==> flow/design.v <==
module alu_comparator_mod #(
  parameter DW = 7
) (
  input  logic clock,
  input  logic RSTN,
  input  logic [DW-1:0] u,
  input  logic [DW-1:0] v,
  input  logic [DW-1:0] w,
  output logic [DW-1:0] o
);
  logic [DW-1:0] u_s;
  always_ff @(posedge clock or negedge RSTN) begin
    if (!RSTN) begin
      u_s <= '0;
    end else begin
      u_s <= u;
    end
  end
  logic [DW-1:0] v_s;
  always_ff @(posedge clock or negedge RSTN) begin
    if (!RSTN) begin
      v_s <= '0;
    end else begin
      v_s <= v;
    end
  end
  logic [DW-1:0] w_s;
  always_ff @(posedge clock or negedge RSTN) begin
    if (!RSTN) begin
      w_s <= '0;
    end else begin
      w_s <= w;
    end
  end
  assign o = (u_s < v_s) ? v_s : (u_s > w_s) ? w_s : u_s;
endmodule
Lab notebook: alu_comparator_mod

From RTL to reports: alu_comparator_mod --
Module alu_comparator_mod in several versions that differ in "DW"; each step lists the members. The RTL above is that of DW = 7; lines are counted from 1 in the file of the member named. Library cell names are shortened. Not given: n/a
Inputs: top module alu_comparator_mod, clock port clock, library sky130hd, timing corner tt_025C_1v80

Source of the members --
Lines of each other member's file that are new or changed against the file above; lines that a member lacks are not shown.
New or changed lines:
- DW 10 | RTL line 2 | parameter DW = 10
- DW 14 | RTL line 2 | parameter DW = 14
- DW 20 | RTL line 2 | parameter DW = 20
- DW 24 | RTL line 2 | parameter DW = 24
- DW 112 | RTL line 2 | parameter DW = 112

After elaboration --
Counts by Yosys on the flattened word-level netlist (proc, flatten, opt, wreduce; memories kept). Register bits leave out memories and registers merged into their read ports (data or address); mux counts leave out enables and synchronous resets folded into registers. Print and check cells are left out. Cells with the same type and inputs are merged into one.
Word-level totals:
- DW 7 | output and inout port bits 7, word-level cells 7, register bits after elaboration 21, input port bits 23
- DW 10 | output and inout port bits 10, word-level cells 7, register bits after elaboration 30, input port bits 32
- DW 14 | output and inout port bits 14, word-level cells 7, register bits after elaboration 42, input port bits 44
- DW 20 | output and inout port bits 20, word-level cells 7, register bits after elaboration 60, input port bits 62
- DW 24 | output and inout port bits 24, word-level cells 7, register bits after elaboration 72, input port bits 74
- DW 112 | output and inout port bits 112, word-level cells 7, register bits after elaboration 336, input port bits 338
Cells by class:
- DW 7 | order comparisons 2, muxes and demuxes 2
- DW 10 | order comparisons 2, muxes and demuxes 2
- DW 14 | order comparisons 2, muxes and demuxes 2
- DW 20 | order comparisons 2, muxes and demuxes 2
- DW 24 | order comparisons 2, muxes and demuxes 2
- DW 112 | order comparisons 2, muxes and demuxes 2
Operator list (kinds with counts):
- DW 7 | 2 x 7-bit 2-to-1 mux; 1 x 7-bit greater-than comparator; 1 x 7-bit < comparator
- DW 10 | 2 x 10-bit 2-to-1 mux; 1 x 10-bit greater-than comparator; 1 x 10-bit < comparator
- DW 14 | 2 x 14-bit 2-to-1 mux; 1 x 14-bit greater-than comparator; 1 x 14-bit < comparator
- DW 20 | 2 x 20-bit 2-to-1 mux; 1 x 20-bit greater-than comparator; 1 x 20-bit < comparator
- DW 24 | 2 x 24-bit 2-to-1 mux; 1 x 24-bit greater-than comparator; 1 x 24-bit < comparator
- DW 112 | 2 x 112-bit 2-to-1 mux; 1 x 112-bit greater-than comparator; 1 x 112-bit < comparator

Logic depth --
Yosys ltp: most cells in a row. Word level: on the elaborated netlist, between registers, memories and ports. Mapped: between sequential cells and ports; inverters and the memories' decode and read muxes count.
Depth:
- DW 7 | word-level depth 3, ABC_AREA 0, gate-level depth with buffers 7, mapped depth without buffers 7
- DW 10 | word-level depth 3, ABC_AREA 0, gate-level depth with buffers 8, mapped depth without buffers 7
- DW 14 | word-level depth 3, ABC_AREA 0, gate-level depth with buffers 10, mapped depth without buffers 8
- DW 20 | word-level depth 3, ABC_AREA 0, gate-level depth with buffers 10, mapped depth without buffers 8
- DW 24 | word-level depth 3, ABC_AREA 0, gate-level depth with buffers 10, mapped depth without buffers 8
- DW 112 | word-level depth 3, ABC_AREA 0, gate-level depth with buffers 13, mapped depth without buffers 10

Mapped cells and area --
Source: synth_stat.txt of the flow (Yosys; design flattened, memories mapped). It holds for the ABC_AREA given above (unset counts as 0); a run with the other value may have another netlist.
Cells by type (types with counts):
- DW 7 | 21 x dfrtp_1; 13 x ha_1; 12 x mux2i_1; 13 x inv_1; 6 x a21oi_1; 2 x mux2_4; 1 x nand4_2; 1 x o22ai_2; 2 x nand3_1; 1 x a21oi_2; 1 x o21ai_2; 1 x a21o_1; 2 x nand2_1; 1 x nand3b_1; 1 x nor2b_1; 1 x o21ai_0; 1 x o21ai_1; 1 x nor2_1
- DW 10 | 30 x dfrtp_1; 19 x ha_1; 20 x inv_1; 10 x or3_1; 8 x a31oi_1; 10 x nor3_1; 10 x o21ai_0; 1 x a2111oi_4; 3 x a21o_1; 2 x and4_1; 1 x o311ai_2; 1 x a2111oi_2; 4 x clkbuf_1; 2 x o21a_1; 1 x nand2b_4; 1 x a211oi_2; 1 x a31oi_2; 2 x nand4_1; [+19]
- DW 14 | 42 x dfrtp_1; 27 x ha_1; 26 x mux2i_1; 28 x inv_1; 10 x a21oi_1; 5 x nand4_1; 2 x mux2_4; 3 x a21o_1; 5 x nand2_1; 2 x o31a_1; 3 x nand3_1; 2 x nand2b_1; 1 x o31ai_2; 1 x buf_6; 3 x nor2_1; 2 x o21ai_0; 1 x a2111oi_0; 1 x a21oi_2; [+4]
- DW 20 | 60 x dfrtp_1; 39 x ha_1; 39 x inv_1; 22 x a31oi_1; 25 x nand3_1; 22 x nor3_1; 17 x o21ai_0; 12 x a21oi_1; 4 x clkbuf_8; 8 x o21ai_1; 6 x nand4_1; 4 x a21o_1; 8 x nand2_1; 2 x nand4_2; 3 x a211oi_1; 1 x a31oi_4; 1 x buf_12; 5 x nor2_1; [+25]
- DW 24 | 72 x dfrtp_1; 47 x ha_1; 23 x mux2i_1; 23 x a32oi_1; 39 x a21oi_1; 49 x inv_1; 7 x nand4_1; 8 x buf_2; 10 x nand2_1; 3 x a221o_1; 3 x and4_1; 5 x nand3_1; 5 x o21ai_0; 1 x o31ai_4; 3 x and3_1; 5 x clkbuf_1; 2 x a211o_1; 2 x a21o_1; [+17]
- DW 112 | 336 x dfrtp_1; 223 x ha_1; 227 x inv_1; 114 x a31oi_1; 129 x nand3_1; 118 x nor3_1; 84 x a21oi_1; 81 x o21ai_1; 54 x o21ai_0; 40 x nand4_1; 31 x a21o_1; 56 x clkbuf_1; 49 x nand2_1; 10 x buf_6; 8 x and4_1; 9 x buf_4; 16 x nor2_1; 6 x a221oi_1; [+73]
A list marked [+n] leaves out that many cells.
Synthesis totals:
- DW 7 | area of sequential cells 0.0005255 mm^2, buffer cells 0, flip-flop cells 21, synthesis area 0.0010122 mm^2, mapped cells 81
- DW 10 | area of sequential cells 0.0007507 mm^2, buffer cells 7, flip-flop cells 30, synthesis area 0.0015615 mm^2, mapped cells 145
- DW 14 | area of sequential cells 0.001051 mm^2, buffer cells 3, flip-flop cells 42, synthesis area 0.0020407 mm^2, mapped cells 168
- DW 20 | area of sequential cells 0.0015014 mm^2, buffer cells 13, flip-flop cells 60, synthesis area 0.0031443 mm^2, mapped cells 303
- DW 24 | area of sequential cells 0.0018017 mm^2, buffer cells 13, flip-flop cells 72, synthesis area 0.003661 mm^2, mapped cells 324
- DW 112 | area of sequential cells 0.0084081 mm^2, buffer cells 86, flip-flop cells 336, synthesis area 0.0168975 mm^2, mapped cells 1664

Worst setup path after synthesis --
Path of least setup slack by OpenSTA after synthesis, without wires, with an ideal clock, recovery checks aside; 20% of the period is set as input and as output delay. Where synthesis merged equal registers, the netlist keeps one of their names.
Timing path post-synthesis:
- DW 7 | path kind reg-to-output, start register u_s[2], end output o[0], clock period 2.94 ns, path delay 1.882 ns, stages 7, path slack 0.470 ns, synthesis period reached 2.47 ns
- DW 10 | path kind reg-to-output, start register u_s[5], end output o[1], clock period 2.98 ns, path delay 1.910 ns, stages 8, path slack 0.474 ns, synthesis period reached 2.506 ns
- DW 14 | path kind reg-to-output, start register u_s[4], end output o[10], clock period 3.34 ns, path delay 2.136 ns, stages 10, path slack 0.536 ns, synthesis period reached 2.804 ns
- DW 20 | path kind reg-to-output, start register u_s[11], end output o[10], clock period 3.07 ns, path delay 1.966 ns, stages 10, path slack 0.490 ns, synthesis period reached 2.58 ns
- DW 24 | path kind reg-to-output, start register u_s[3], end output o[0], clock period 3.42 ns, path delay 2.190 ns, stages 8, path slack 0.546 ns, synthesis period reached 2.874 ns
- DW 112 | path kind reg-to-output, start register u_s[93], end output o[0], clock period 4.34 ns, path delay 2.780 ns, stages 12, path slack 0.692 ns, synthesis period reached 3.648 ns
"path delay" = arrival - input delay + setup time. A path that ends at an output port has no setup time. "stages" counts driving pins, that of a launching flip-flop among them; a cell with two outputs on the path counts twice. "synthesis period reached" is the clock period less the worst setup slack; recovery checks do not enter. This is arithmetic on one report: input and output delays are still those of the set period (20% each). Between the ends stands the longest chain of elaborated cells between them, by number of cells; it is not shown to be the way that was timed. Of several equally long chains one is given. Each line given opens the expression or statement behind the cell; cells for indexed reads and writes are added by Yosys, which also makes memories of some case tables.
Between the ends, post-synthesis, DW = 7: cells in the longest elaborated chain 3
Ends and longest elaborated chain, post-synthesis, DW = 7:
- start, declared | RTL line 11 | logic [DW-1:0] u_s;
- start, assigned | RTL line 14 | u_s <= '0;
- start, assigned | RTL line 16 | u_s <= u;
- 7-bit greater-than comparator | RTL line 35 | assign o = (u_s < v_s) ? v_s : (u_s > w_s) ? w_s : u_s;
- 7-bit 2-to-1 mux x2 | RTL line 35
- end, declared | RTL line 9 | output logic [DW-1:0] o
Between the ends, post-synthesis, DW = 112: cells in the longest elaborated chain 3
Ends and longest elaborated chain, post-synthesis, DW = 112:
- start, declared | RTL line 11 | logic [DW-1:0] u_s;
- start, assigned | RTL line 14 | u_s <= '0;
- start, assigned | RTL line 16 | u_s <= u;
- 112-bit greater-than comparator | RTL line 35 | assign o = (u_s < v_s) ? v_s : (u_s > w_s) ? w_s : u_s;
- 112-bit 2-to-1 mux x2 | RTL line 35
- end, declared | RTL line 9 | output logic [DW-1:0] o

Timing after layout --
From the final timing report of each member's run: the path of least setup slack in the routed layout; clock arrival at registers is part of the times.
Timing path post-layout:
- DW 7 | path kind reg-to-output, start register u_s[2], end output o[0], clock period 2.94 ns, path slack 0.08 ns, arrival time 2.28 ns, stages 9, buffers on the path 2
- DW 10 | path kind reg-to-output, start register u_s[5], end output o[8], clock period 2.98 ns, path slack -0.11 ns, arrival time 2.49 ns, stages 10, buffers on the path 3
- DW 14 | path kind reg-to-output, start register u_s[4], end output o[3], clock period 3.34 ns, path slack 0.08 ns, arrival time 2.59 ns, stages 11, buffers on the path 3
- DW 20 | path kind reg-to-output, start register u_s[9], end output o[12], clock period 3.07 ns, path slack -0.20 ns, arrival time 2.66 ns, stages 11, buffers on the path 4
- DW 24 | path kind reg-to-output, start register u_s[2], end output o[12], clock period 3.42 ns, path slack -0.10 ns, arrival time 2.83 ns, stages 12, buffers on the path 4
- DW 112 | path kind reg-to-output, start register w_s[82], end output o[0], clock period 4.34 ns, path slack -0.84 ns, arrival time 4.32 ns, stages 18, buffers on the path 7

Layout results --
Settings and results of one run of the flow (Yosys, OpenROAD) for each member follow. The constraints put input and output delay at 20% of the set period each and load the outputs with 0.01 pF.
Flow settings: CAP_MARGIN 20, CORE_MARGIN 2, CORE_UTILIZATION 40, SLEW_MARGIN 20
Settings that differ (period_ns):
- DW 7 | 2.94
- DW 10 | 2.98
- DW 14 | 3.34
- DW 20 | 3.07
- DW 24 | 3.42
- DW 112 | 4.34
Measured results:
- DW 7 | setup slack of the critical path 0.076 ns, reached clock period 2.864 ns, standard-cell area after routing 0.0014864 mm^2, netlist area reported by Yosys 0.0010122 mm^2, setup total negative slack 0.000 ns, post-layout utilization 0.611, die footprint 0.002949 mm^2, total design power 632.3 µW
- DW 10 | setup slack of the critical path -0.110 ns, reached clock period 3.090 ns, standard-cell area after routing 0.0022759 mm^2, netlist area reported by Yosys 0.0015615 mm^2, setup total negative slack -0.479 ns, post-layout utilization 0.612, die footprint 0.0044196 mm^2, total design power 994.8 µW
- DW 14 | setup slack of the critical path 0.080 ns, reached clock period 3.260 ns, standard-cell area after routing 0.0028415 mm^2, netlist area reported by Yosys 0.0020407 mm^2, setup total negative slack 0.000 ns, post-layout utilization 0.59, die footprint 0.0056889 mm^2, total design power 1126 µW
- DW 20 | setup slack of the critical path -0.204 ns, reached clock period 3.274 ns, standard-cell area after routing 0.0047671 mm^2, netlist area reported by Yosys 0.0031443 mm^2, setup total negative slack -2.458 ns, post-layout utilization 0.62, die footprint 0.0085859 mm^2, total design power 2187 µW
- DW 24 | setup slack of the critical path -0.096 ns, reached clock period 3.516 ns, standard-cell area after routing 0.0055528 mm^2, netlist area reported by Yosys 0.003661 mm^2, setup total negative slack -1.006 ns, post-layout utilization 0.631, die footprint 0.0099341 mm^2, total design power 2148 µW
- DW 112 | setup slack of the critical path -0.845 ns, reached clock period 5.185 ns, standard-cell area after routing 0.0272974 mm^2, netlist area reported by Yosys 0.0168975 mm^2, setup total negative slack -78.534 ns, post-layout utilization 0.652, die footprint 0.0439028 mm^2, total design power 9204 µW
"reached clock period" means the clock period less the worst setup slack. The figure is calculated, with input and output delays left at 20% of the set period. By "total design power" is meant OpenSTA's value without simulated activity: inputs other than the clock are taken to toggle once in ten clock periods, and the tool carries that through the logic.
